==> flow/design.v <==
module mag_cmp_n #(
   parameter W = 7
) (
   input logic sys_clk,
   input logic nrst,
   input logic signed [W-1:0] da_in,
   input logic signed [W-1:0] db_in,
   output logic lt_out,
   output logic a_eq_b_out,
   output logic is_gt_out
);
   logic signed [W-1:0] da_reg;
   logic signed [W-1:0] db_reg;
   always_ff @(posedge sys_clk or negedge nrst) begin
      if (!nrst) begin
         da_reg <= '0;
         db_reg <= '0;
         lt_out <= 1'b0;
         a_eq_b_out <= 1'b0;
         is_gt_out <= 1'b0;
      end else begin
         da_reg <= da_in;
         db_reg <= db_in;
         lt_out <= (da_reg < db_reg);
         a_eq_b_out <= (da_reg == db_reg);
         is_gt_out <= (da_reg > db_reg);
      end
   end
endmodule
Hand-over note for mag_cmp_n

* From RTL to reports: mag_cmp_n
A sweep over "W": the same steps for each member of the family.
The RTL above is that of W = 7; lines are counted from 1 in the file of the member named.
Not given: -
- Top module :: mag_cmp_n
- Clock port :: sys_clk
- Cell library :: sky130hd
- Corner :: tt_025C_1v80

* Members of the sweep
New or changed lines of each further member against the RTL above, in its own file; lines it lacks are not shown.
** Lines new or changed
- W 8 :: line 2 : parameter W = 8
- W 14 :: line 2 : parameter W = 14
- W 16 :: line 2 : parameter W = 16
- W 40 :: line 2 : parameter W = 40
- W 112 :: line 2 : parameter W = 112

* Word level
Yosys after proc, flatten, opt, wreduce and memory -nomap, before mapping. Enables and synchronous resets that opt folds into registers are not counted as muxes. Memory bits, and registers merged into a memory's read port (data or address), are not among the register bits. Print and check cells are not counted. Equal cells are merged and count once.
** Bit counts
- W 7 :: register bits after elaboration 17, input bits 16, output and inout bits 3, cells after elaboration 8
- W 8 :: register bits after elaboration 19, input bits 18, output and inout bits 3, cells after elaboration 8
- W 14 :: register bits after elaboration 31, input bits 30, output and inout bits 3, cells after elaboration 8
- W 16 :: register bits after elaboration 35, input bits 34, output and inout bits 3, cells after elaboration 8
- W 40 :: register bits after elaboration 83, input bits 82, output and inout bits 3, cells after elaboration 8
- W 112 :: register bits after elaboration 227, input bits 226, output and inout bits 3, cells after elaboration 8
** Operators by class
- W 7 :: $lt $le $gt $ge 2, eq/ne operators 1
- W 8 :: $lt $le $gt $ge 2, eq/ne operators 1
- W 14 :: $lt $le $gt $ge 2, eq/ne operators 1
- W 16 :: $lt $le $gt $ge 2, eq/ne operators 1
- W 40 :: $lt $le $gt $ge 2, eq/ne operators 1
- W 112 :: $lt $le $gt $ge 2, eq/ne operators 1
** Operator list (kinds with counts)
- W 7 :: 1 x 7-bit greater-than comparator; 1 x 7-bit < comparator; 1 x 7-bit equality test
- W 8 :: 1 x 8-bit greater-than comparator; 1 x 8-bit < comparator; 1 x 8-bit equality test
- W 14 :: 1 x 14-bit greater-than comparator; 1 x 14-bit < comparator; 1 x 14-bit equality test
- W 16 :: 1 x 16-bit greater-than comparator; 1 x 16-bit < comparator; 1 x 16-bit equality test
- W 40 :: 1 x 40-bit greater-than comparator; 1 x 40-bit < comparator; 1 x 40-bit equality test
- W 112 :: 1 x 112-bit greater-than comparator; 1 x 112-bit < comparator; 1 x 112-bit equality test

* Depth
Depth = most cells in a row (Yosys ltp): at word level without a register or memory, in the mapped netlist without a sequential cell, where the memories' decode and read muxes count.
** Depth
- W 7 :: word-level depth 1, ABC_AREA 0, depth in mapped cells 5, gate-level depth less buffers 5
- W 8 :: word-level depth 1, ABC_AREA 0, depth in mapped cells 6, gate-level depth less buffers 6
- W 14 :: word-level depth 1, ABC_AREA 0, depth in mapped cells 7, gate-level depth less buffers 7
- W 16 :: word-level depth 1, ABC_AREA 0, depth in mapped cells 7, gate-level depth less buffers 7
- W 40 :: word-level depth 1, ABC_AREA 0, depth in mapped cells 8, gate-level depth less buffers 8
- W 112 :: word-level depth 1, ABC_AREA 0, depth in mapped cells 10, gate-level depth less buffers 10

* Netlist
Source: synth_stat.txt of the flow (Yosys; design flattened, memories mapped). It holds for the ABC_AREA given above (unset counts as 0); a run with the other value may have another netlist.
** Synthesis totals
- W 7 :: cells in the netlist 44, cell area after synthesis 621.8 um^2, sequential part of the area 425.4 um^2, mapped flip-flops 17, buffer cells 0
- W 8 :: cells in the netlist 51, cell area after synthesis 718.2 um^2, sequential part of the area 475.5 um^2, mapped flip-flops 19, buffer cells 0
- W 14 :: cells in the netlist 83, cell area after synthesis 1159.9 um^2, sequential part of the area 775.7 um^2, mapped flip-flops 31, buffer cells 0
- W 16 :: cells in the netlist 98, cell area after synthesis 1312.5 um^2, sequential part of the area 875.8 um^2, mapped flip-flops 35, buffer cells 0
- W 40 :: cells in the netlist 228, cell area after synthesis 3113.0 um^2, sequential part of the area 2077.0 um^2, mapped flip-flops 83, buffer cells 0
- W 112 :: cells in the netlist 628, cell area after synthesis 8503.2 um^2, sequential part of the area 5680.4 um^2, mapped flip-flops 227, buffer cells 0
** Cells by type (types with counts)
- W 7 :: 17 x sky130_fd_sc_hd__dfrtp_1; 7 x sky130_fd_sc_hd__ha_1; 8 x sky130_fd_sc_hd__inv_1; 2 x sky130_fd_sc_hd__a21oi_1; 1 x sky130_fd_sc_hd__mux2i_1; 1 x sky130_fd_sc_hd__and4_1; 1 x sky130_fd_sc_hd__o31a_1; 1 x sky130_fd_sc_hd__a21boi_1; 1 x sky130_fd_sc_hd__nand3b_1; 1 x sky130_fd_sc_hd__nor3b_1; 1 x sky130_fd_sc_hd__and3_1; 1 x sky130_fd_sc_hd__nor3_1; 1 x sky130_fd_sc_hd__nand2_1; 1 x sky130_fd_sc_hd__nor2_1
- W 8 :: 19 x sky130_fd_sc_hd__dfrtp_1; 8 x sky130_fd_sc_hd__ha_1; 10 x sky130_fd_sc_hd__inv_1; 2 x sky130_fd_sc_hd__mux2i_1; 1 x sky130_fd_sc_hd__a211oi_2; 2 x sky130_fd_sc_hd__nor2b_1; 1 x sky130_fd_sc_hd__and4_4; 1 x sky130_fd_sc_hd__o2111a_1; 1 x sky130_fd_sc_hd__a21o_1; 2 x sky130_fd_sc_hd__nand2_1; 1 x sky130_fd_sc_hd__and2_1; 1 x sky130_fd_sc_hd__nand4_1; 1 x sky130_fd_sc_hd__a21oi_1; 1 x sky130_fd_sc_hd__o21ai_0
- W 14 :: 31 x sky130_fd_sc_hd__dfrtp_1; 14 x sky130_fd_sc_hd__ha_1; 15 x sky130_fd_sc_hd__inv_1; 7 x sky130_fd_sc_hd__a21oi_1; 1 x sky130_fd_sc_hd__a211oi_2; 2 x sky130_fd_sc_hd__nand4_1; 1 x sky130_fd_sc_hd__nand4_2; 1 x sky130_fd_sc_hd__nor4_2; 3 x sky130_fd_sc_hd__nand2_1; 1 x sky130_fd_sc_hd__mux2i_1; 1 x sky130_fd_sc_hd__o221ai_1; 1 x sky130_fd_sc_hd__xnor2_1; 1 x sky130_fd_sc_hd__a21o_1; 1 x sky130_fd_sc_hd__or2b_1; 1 x sky130_fd_sc_hd__nand3_1; 1 x sky130_fd_sc_hd__o21ai_0; 1 x sky130_fd_sc_hd__nor2_1
- W 16 :: 35 x sky130_fd_sc_hd__dfrtp_1; 16 x sky130_fd_sc_hd__ha_1; 18 x sky130_fd_sc_hd__inv_1; 8 x sky130_fd_sc_hd__nand2_1; 5 x sky130_fd_sc_hd__a21oi_1; 2 x sky130_fd_sc_hd__mux2i_1; 2 x sky130_fd_sc_hd__a21o_1; 1 x sky130_fd_sc_hd__nand4_2; 1 x sky130_fd_sc_hd__a2111oi_0; 1 x sky130_fd_sc_hd__a211o_1; 1 x sky130_fd_sc_hd__nand3b_1; 2 x sky130_fd_sc_hd__nor2_1; 1 x sky130_fd_sc_hd__nand4_1; 1 x sky130_fd_sc_hd__nor4_1; 1 x sky130_fd_sc_hd__or3_1; 1 x sky130_fd_sc_hd__nand3_1; 1 x sky130_fd_sc_hd__nor3_1; 1 x sky130_fd_sc_hd__o21ai_0
- W 40 :: 83 x sky130_fd_sc_hd__dfrtp_1; 40 x sky130_fd_sc_hd__ha_1; 42 x sky130_fd_sc_hd__inv_1; 17 x sky130_fd_sc_hd__a21oi_1; 9 x sky130_fd_sc_hd__nand4_1; 5 x sky130_fd_sc_hd__nand3_1; 6 x sky130_fd_sc_hd__nand2_1; 4 x sky130_fd_sc_hd__o21ai_0; 2 x sky130_fd_sc_hd__a211oi_1; 2 x sky130_fd_sc_hd__a21o_1; 2 x sky130_fd_sc_hd__nor4_1; 1 x sky130_fd_sc_hd__nor4_2; 1 x sky130_fd_sc_hd__o221a_2; 1 x sky130_fd_sc_hd__o311a_2; 1 x sky130_fd_sc_hd__a221o_1; 1 x sky130_fd_sc_hd__o311a_1; 1 x sky130_fd_sc_hd__a2111oi_0; 1 x sky130_fd_sc_hd__and2b_1; [+9]
- W 112 :: 227 x sky130_fd_sc_hd__dfrtp_1; 112 x sky130_fd_sc_hd__ha_1; 113 x sky130_fd_sc_hd__inv_1; 40 x sky130_fd_sc_hd__a21oi_1; 17 x sky130_fd_sc_hd__a21o_1; 20 x sky130_fd_sc_hd__nand4_1; 24 x sky130_fd_sc_hd__nand2_1; 12 x sky130_fd_sc_hd__o21ai_0; 15 x sky130_fd_sc_hd__nor2_1; 10 x sky130_fd_sc_hd__nand3_1; 3 x sky130_fd_sc_hd__a21oi_2; 3 x sky130_fd_sc_hd__a221oi_1; 4 x sky130_fd_sc_hd__nor4_1; 3 x sky130_fd_sc_hd__a211oi_1; 2 x sky130_fd_sc_hd__o41a_1; 2 x sky130_fd_sc_hd__nor2b_1; 1 x sky130_fd_sc_hd__a221o_1; 1 x sky130_fd_sc_hd__a41o_1; [+19]
A list marked [+n] leaves out that many cells.

* Timing after synthesis
OpenSTA on the mapped netlist: ideal clock, no wires. The path of least setup slack (recovery checks aside). Input and output delay are each 20% of the period. Register names are those of the netlist, which keeps one name where synthesis merged equal registers.
** Timing after synthesis
- W 7 :: path type flip-flop to flip-flop, start point register da_reg[6], end point register is_gt_out, period 1720 ps, slack 343 ps, stages 5, delay of the path 1377 ps, synthesis period reached 1377 ps
- W 8 :: path type flip-flop to flip-flop, start point register da_reg[7], end point register is_gt_out, period 1910 ps, slack 378 ps, stages 6, delay of the path 1531 ps, synthesis period reached 1532 ps
- W 14 :: path type flip-flop to flip-flop, start point register da_reg[5], end point register is_gt_out, period 1870 ps, slack 373 ps, stages 6, delay of the path 1497 ps, synthesis period reached 1497 ps
- W 16 :: path type flip-flop to flip-flop, start point register da_reg[15], end point register lt_out, period 2150 ps, slack 427 ps, stages 7, delay of the path 1723 ps, synthesis period reached 1723 ps
- W 40 :: path type flip-flop to flip-flop, start point register da_reg[22], end point register lt_out, period 2740 ps, slack 549 ps, stages 8, delay of the path 2191 ps, synthesis period reached 2191 ps
- W 112 :: path type flip-flop to flip-flop, start point register da_reg[71], end point register lt_out, period 2930 ps, slack 584 ps, stages 10, delay of the path 2346 ps, synthesis period reached 2346 ps
"delay of the path" is the arrival time less input delay plus setup time.
"stages" counts driving pins, that of a launching flip-flop among them; a cell with two outputs on the path counts twice.
"synthesis period reached" is the clock period less the worst setup slack; recovery checks do not enter. This is arithmetic on one report: input and output delays are still those of the set period (20% each).
Between the ends stands the longest chain of elaborated cells between them, by number of cells; it is not shown to be the way that was timed. Of several equally long chains one is given.
Each line given opens the expression or statement behind the cell; cells for indexed reads and writes are added by Yosys, which also makes memories of some case tables.
On the way, after synthesis, W = 7:
- Cells in the longest elaborated chain :: 1
** RTL lines, path after synthesis, W = 7
- start: declaration :: line 12 : logic signed [W-1:0] da_reg;
- start: assignment :: line 16 : da_reg <= '0;
- start: assignment :: line 22 : da_reg <= da_in;
- 7-bit greater-than comparator :: line 26 : is_gt_out <= (da_reg > db_reg);
- end: assignment :: line 20 : is_gt_out <= 1'b0;
- end: assignment :: line 26
- end: declaration :: line 10 : output logic is_gt_out
On the way, after synthesis, W = 112:
- Cells in the longest elaborated chain :: 1
** RTL lines, path after synthesis, W = 112
- start: declaration :: line 12 : logic signed [W-1:0] da_reg;
- start: assignment :: line 16 : da_reg <= '0;
- start: assignment :: line 22 : da_reg <= da_in;
- 112-bit < comparator :: line 24 : lt_out <= (da_reg < db_reg);
- end: assignment :: line 18 : lt_out <= 1'b0;
- end: assignment :: line 24
- end: declaration :: line 8 : output logic lt_out,

* Path in the finished layout
From the final timing report of each member's run: the path of least setup slack in the routed layout; clock arrival at registers is part of the times.
The path's times are printed in steps of 10 ps; the period is the one set.
** Timing post-layout
- W 7 :: path type flip-flop to output port, start point register is_gt_out, end point output is_gt_out, period 1720 ps, slack 230 ps, stages 2, data arrival time 1150 ps, buffers on the path 1
- W 8 :: path type flip-flop to flip-flop, start point register da_reg[7], end point register is_gt_out, period 1910 ps, slack 270 ps, stages 6, data arrival time 1850 ps, buffers on the path 0
- W 14 :: path type flip-flop to flip-flop, start point register da_reg[1], end point register is_gt_out, period 1870 ps, slack 230 ps, stages 6, data arrival time 1880 ps, buffers on the path 0
- W 16 :: path type flip-flop to flip-flop, start point register da_reg[15], end point register lt_out, period 2150 ps, slack 340 ps, stages 7, data arrival time 2020 ps, buffers on the path 0
- W 40 :: path type flip-flop to flip-flop, start point register da_reg[22], end point register lt_out, period 2740 ps, slack 390 ps, stages 8, data arrival time 2580 ps, buffers on the path 0
- W 112 :: path type flip-flop to flip-flop, start point register da_reg[71], end point register lt_out, period 2930 ps, slack 300 ps, stages 10, data arrival time 3020 ps, buffers on the path 0

* Flow runs
Settings and results of one run of the flow (Yosys, OpenROAD) for each member follow. The constraints put input and output delay at 20% of the set period each and load the outputs with 0.01 pF.
- CAP_MARGIN :: 20
- CORE_MARGIN :: 2
- CORE_UTILIZATION :: 40
- SLEW_MARGIN :: 20
** Settings by member (period_ns)
- W 7 :: 1.72
- W 8 :: 1.91
- W 14 :: 1.87
- W 16 :: 2.15
- W 40 :: 2.74
- W 112 :: 2.93
** Results
- W 7 :: cell area after synthesis 621.8 um^2, area of the die 1886.2 um^2, standard-cell area after routing 857.1 um^2, post-route utilization 57.6%, smallest setup slack 229 ps, final setup TNS 0 ps, total power of the final layout 0.7365 mW, clock period reached 1491 ps
- W 8 :: cell area after synthesis 718.2 um^2, area of the die 2150.6 um^2, standard-cell area after routing 984.7 um^2, post-route utilization 57.7%, smallest setup slack 270 ps, final setup TNS 0 ps, total power of the final layout 0.7288 mW, clock period reached 1640 ps
- W 14 :: cell area after synthesis 1159.9 um^2, area of the die 3346.6 um^2, standard-cell area after routing 1595.3 um^2, post-route utilization 57.8%, smallest setup slack 235 ps, final setup TNS 0 ps, total power of the final layout 1.316 mW, clock period reached 1635 ps
- W 16 :: cell area after synthesis 1312.5 um^2, area of the die 3755.2 um^2, standard-cell area after routing 1785.5 um^2, post-route utilization 58.0%, smallest setup slack 340 ps, final setup TNS 0 ps, total power of the final layout 1.180 mW, clock period reached 1810 ps
- W 40 :: cell area after synthesis 3113.0 um^2, area of the die 8504.5 um^2, standard-cell area after routing 4302.9 um^2, post-route utilization 56.3%, smallest setup slack 389 ps, final setup TNS 0 ps, total power of the final layout 2.518 mW, clock period reached 2351 ps
- W 112 :: cell area after synthesis 8503.2 um^2, area of the die 22440.0 um^2, standard-cell area after routing 11976.5 um^2, post-route utilization 57.2%, smallest setup slack 300 ps, final setup TNS 0 ps, total power of the final layout 6.929 mW, clock period reached 2630 ps
"clock period reached" = clock period - worst setup slack. The figure is calculated, with input and output delays left at 20% of the set period.
"total power of the final layout": no workload was simulated; the value follows from the tool's default switching activity.

End of note.
